==> flow/design.v <==
module gen_add_sub #(
   parameter WD = 64
) (
   input  wire clk_i,
   input  wire [WD-1:0] op_a,
   input  wire dir,
   output reg [WD-1:0] out
);
   reg [WD-1:0] op_a_d1;
   reg dir_d1;
   always @(posedge clk_i) begin
      op_a_d1 <= op_a;
      dir_d1 <= dir;
      out <= (op_a_d1 ^ {WD{dir_d1}}) + dir_d1;
   end
endmodule
==> Tool chain data of gen_add_sub <==
The steps from the RTL of gen_add_sub to its reports follow in flow order.
Line numbers count from 1 in the design file above.
Cell names lack the library's common part.
{ "setup": {"top": "gen_add_sub", "clock_port": "clk_i", "library": "sky130hd", "corner": "tt_025C_1v80"} }

==> Word level <==
Source: Yosys, flattened and elaborated, memories not mapped. Widths are those after wreduce; folded enables and synchronous resets count as part of the registers. Registers that Yosys merges into a memory's read port (data or address) are not register bits. Print and check cells do not count. Equal cells are merged and count once.
{ "word_totals": {"regBits": 129, "input_bits": 66, "output_inout_bits": 64, "word_cells": 5} }
{ "op_classes": {"add_sub_neg": 1, "logic": 1} }
{ "op_table": {"columns": ["operator", "count"], "rows": [
  ["adder 64 x 1 -> 64 bit", 1],
  ["XOR 64 bit", 1]
]} }

==> Logic depth <==
Yosys ltp: most cells in a row. Word level: on the elaborated netlist, between registers, memories and ports. Mapped: between sequential cells and ports; inverters and the memories' decode and read muxes count.
{ "logic_depth": {"word_depth": 2, "abc_area": 0, "depth_mapped": 13} }

==> After synthesis <==
Yosys stat after the flow's synthesis: flattened, memories mapped to cells. It holds for the ABC_AREA given above (unset counts as 0); a run with the other value may have another netlist.
Totals and module areas in this step are rounded.
{ "synth_totals": {"cells": 603, "mapped_area_um2": 5920, "seq_area_um2": 2580, "ff_cells": 129} }
{ "types": {"columns": ["cell_type", "count", "type_area_um2"], "rows": [
  ["dfxtp_1", 129, 2.58E+03],
  ["xnor2_1", 70, 613.088],
  ["xor2_1", 33, 289.027],
  ["nand2b_1", 24, 150.144],
  ["mux2i_1", 14, 140.134],
  ["nand2_1", 36, 135.13],
  ["nand3_1", 26, 130.125],
  ["nor2_1", 32, 120.115],
  ["o22ai_1", 18, 112.608],
  ["nand3b_1", 11, 82.579],
  ["nand4b_1", 9, 78.826],
  ["nor2b_1", 12, 75.072],
  ["nand4_1", 11, 68.816],
  ["o2111ai_1", 7, 61.309],
  ["nor3_1", 12, 60.058],
  ["nor3b_1", 8, 60.058],
  ["or4b_1", 6, 60.058],
  ["clkbuf_1", 13, 48.797]
]} }
Other cell types: 56; their cells: 132.

==> Path before layout <==
Source: OpenSTA report_checks on the synthesized netlist (no wires, ideal clock, input and output delay 20% of the period each), path of least setup slack; recovery checks are left aside. Register names are those of the netlist, which keeps one name where synthesis merged equal registers.
{ "synth_path": {"path_type": "reg-to-reg", "start": "register dir_d1", "end": "register out[46]", "tclk_ns": 3.91, "setup_ns": 0.120, "t_first_pin_ns": 0.000, "t_arrival_ns": 3.007, "setup_slack_ns": 0.783, "path_delay_ns": 3.127, "stages": 14, "synth_period_reached_ns": 3.127} }
"path_delay_ns" is the arrival time less input delay plus setup time.
"stages" counts driving pins, that of a launching flip-flop among them; a cell with two outputs on the path counts twice.
"synth_period_reached_ns" is the clock period less the worst setup slack; recovery checks do not enter. This is arithmetic on one report: input and output delays are still those of the set period (20% each).
Between the ends stands the longest chain of elaborated cells between them, by number of cells; it is not shown to be the way that was timed. Of several equally long chains one is given.
A line is the first line of the expression or statement that the cell stems from. Yosys adds cells for indexed reads and writes and turns some case tables into memories.
{ "synth_between": {"cell_sequence": "dfxtp_1 -> buf_4 -> buf_2 -> buf_2 -> buf_1 -> buf_4 -> clkbuf_1 -> xor2_1 -> ha_1 -> buf_2 -> o2111ai_1 -> nor3_2 -> o211ai_1 -> xnor2_1", "elab_chain_cells": 2, "cone_cells": 2, "classes_between": "add/sub: 1; logic: 1"} }
{ "synth_lines": {"columns": ["element", "line", "rtl"], "rows": [
  ["from (decl)", 10, "reg dir_d1;"],
  ["from (assign)", 13, "dir_d1 <= dir;"],
  ["XOR 64 bit", 14, "out <= (op_a_d1 ^ {WD{dir_d1}}) + dir_d1;"],
  ["adder 64 x 1 -> 64 bit", 14, null],
  ["to (assign)", 14, null],
  ["to (decl)", 7, "output reg [WD-1:0] out"]
]} }

==> Path in the finished layout <==
From the final timing report of flow run 1: the path of least setup slack in the routed layout; clock arrival at registers is part of the times.
{ "layout_path": {"path_type": "reg-to-reg", "start": "register dir_d1", "end": "register out[58]", "tclk_ns": 3.79, "setup_ns": 0.12, "t_first_pin_ns": 0.44, "t_arrival_ns": 3.77, "setup_slack_ns": 0.34, "stages": 16} }
Between the ends stands the longest chain of elaborated cells between them, by number of cells; it is not shown to be the way that was timed. Of several equally long chains one is given.
{ "layout_between": {"cell_sequence": "dfxtp_1 -> buf_8 -> buf_6 -> buf_6 -> buf_6 -> buf_4 -> buf_8 -> xor2_1 -> ha_2 -> buf_4 -> nand4_1 -> buf_4 -> nor4_4 -> buf_4 -> a22oi_2 -> nand3b_1", "elab_chain_cells": 2, "cone_cells": 2, "classes_between": "add/sub: 1; logic: 1"} }
{ "layout_lines": {"columns": ["element", "line", "rtl"], "rows": [
  ["from (decl)", 10, "reg dir_d1;"],
  ["from (assign)", 13, "dir_d1 <= dir;"],
  ["XOR 64 bit", 14, "out <= (op_a_d1 ^ {WD{dir_d1}}) + dir_d1;"],
  ["adder 64 x 1 -> 64 bit", 14, null],
  ["to (assign)", 14, null],
  ["to (decl)", 7, "output reg [WD-1:0] out"]
]} }

Module gen_add_sub, platform sky130hd: 3 stored runs of the flow (Yosys, OpenROAD) with differing settings, in no particular order. Input and output delays are each 20% of the period that was set; the output load is 0.01 pF.
Measured values are rounded.
[
  {
    "run": "flow run 1",
    "settings": { "period_ns": 3.79, "CORE_UTILIZATION": 35, "SETUP_SLACK_MARGIN": 0.26, "PLACE_DENSITY_LB_ADDON": 0.03, "CELL_PAD_IN_SITES_DETAIL_PLACEMENT": 2, "ABC_AREA": 0, "GPL_TIMING_DRIVEN": 0, "SLEW_MARGIN": 25, "MIN_ROUTING_LAYER": "met2", "CAP_MARGIN": 20, "CORE_MARGIN": 2 },
    "results": { "synth_area_um2": 5920, "die_um2": 18000, "final_stdcell_area_um2": 8270, "final_util_frac": 0.499, "fin_ws_ns": 0.341, "final_setup_tns_ns": 0.000 }
  },
  {
    "run": "flow run 2",
    "settings": { "period_ns": 5.95, "CORE_UTILIZATION": 59, "PLACE_DENSITY_LB_ADDON": 0.01, "GPL_ROUTABILITY_DRIVEN": 0, "CTS_CLUSTER_SIZE": 31, "CAP_MARGIN": 20, "SLEW_MARGIN": 20, "MAX_ROUTING_LAYER": "met5", "CORE_MARGIN": 2 },
    "results": { "synth_area_um2": 5920, "die_um2": 10900, "final_stdcell_area_um2": 7870, "final_util_frac": 0.805, "fin_ws_ns": 2.21, "final_setup_tns_ns": 0.000 }
  },
  {
    "run": "flow run 3",
    "settings": { "period_ns": 3.91, "CAP_MARGIN": 20, "CORE_MARGIN": 2, "CORE_UTILIZATION": 40, "SLEW_MARGIN": 20 },
    "results": { "synth_area_um2": 5920, "die_um2": 15800, "final_stdcell_area_um2": 7910, "final_util_frac": 0.546, "fin_ws_ns": 0.616, "final_setup_tns_ns": 0.000 }
  }
]
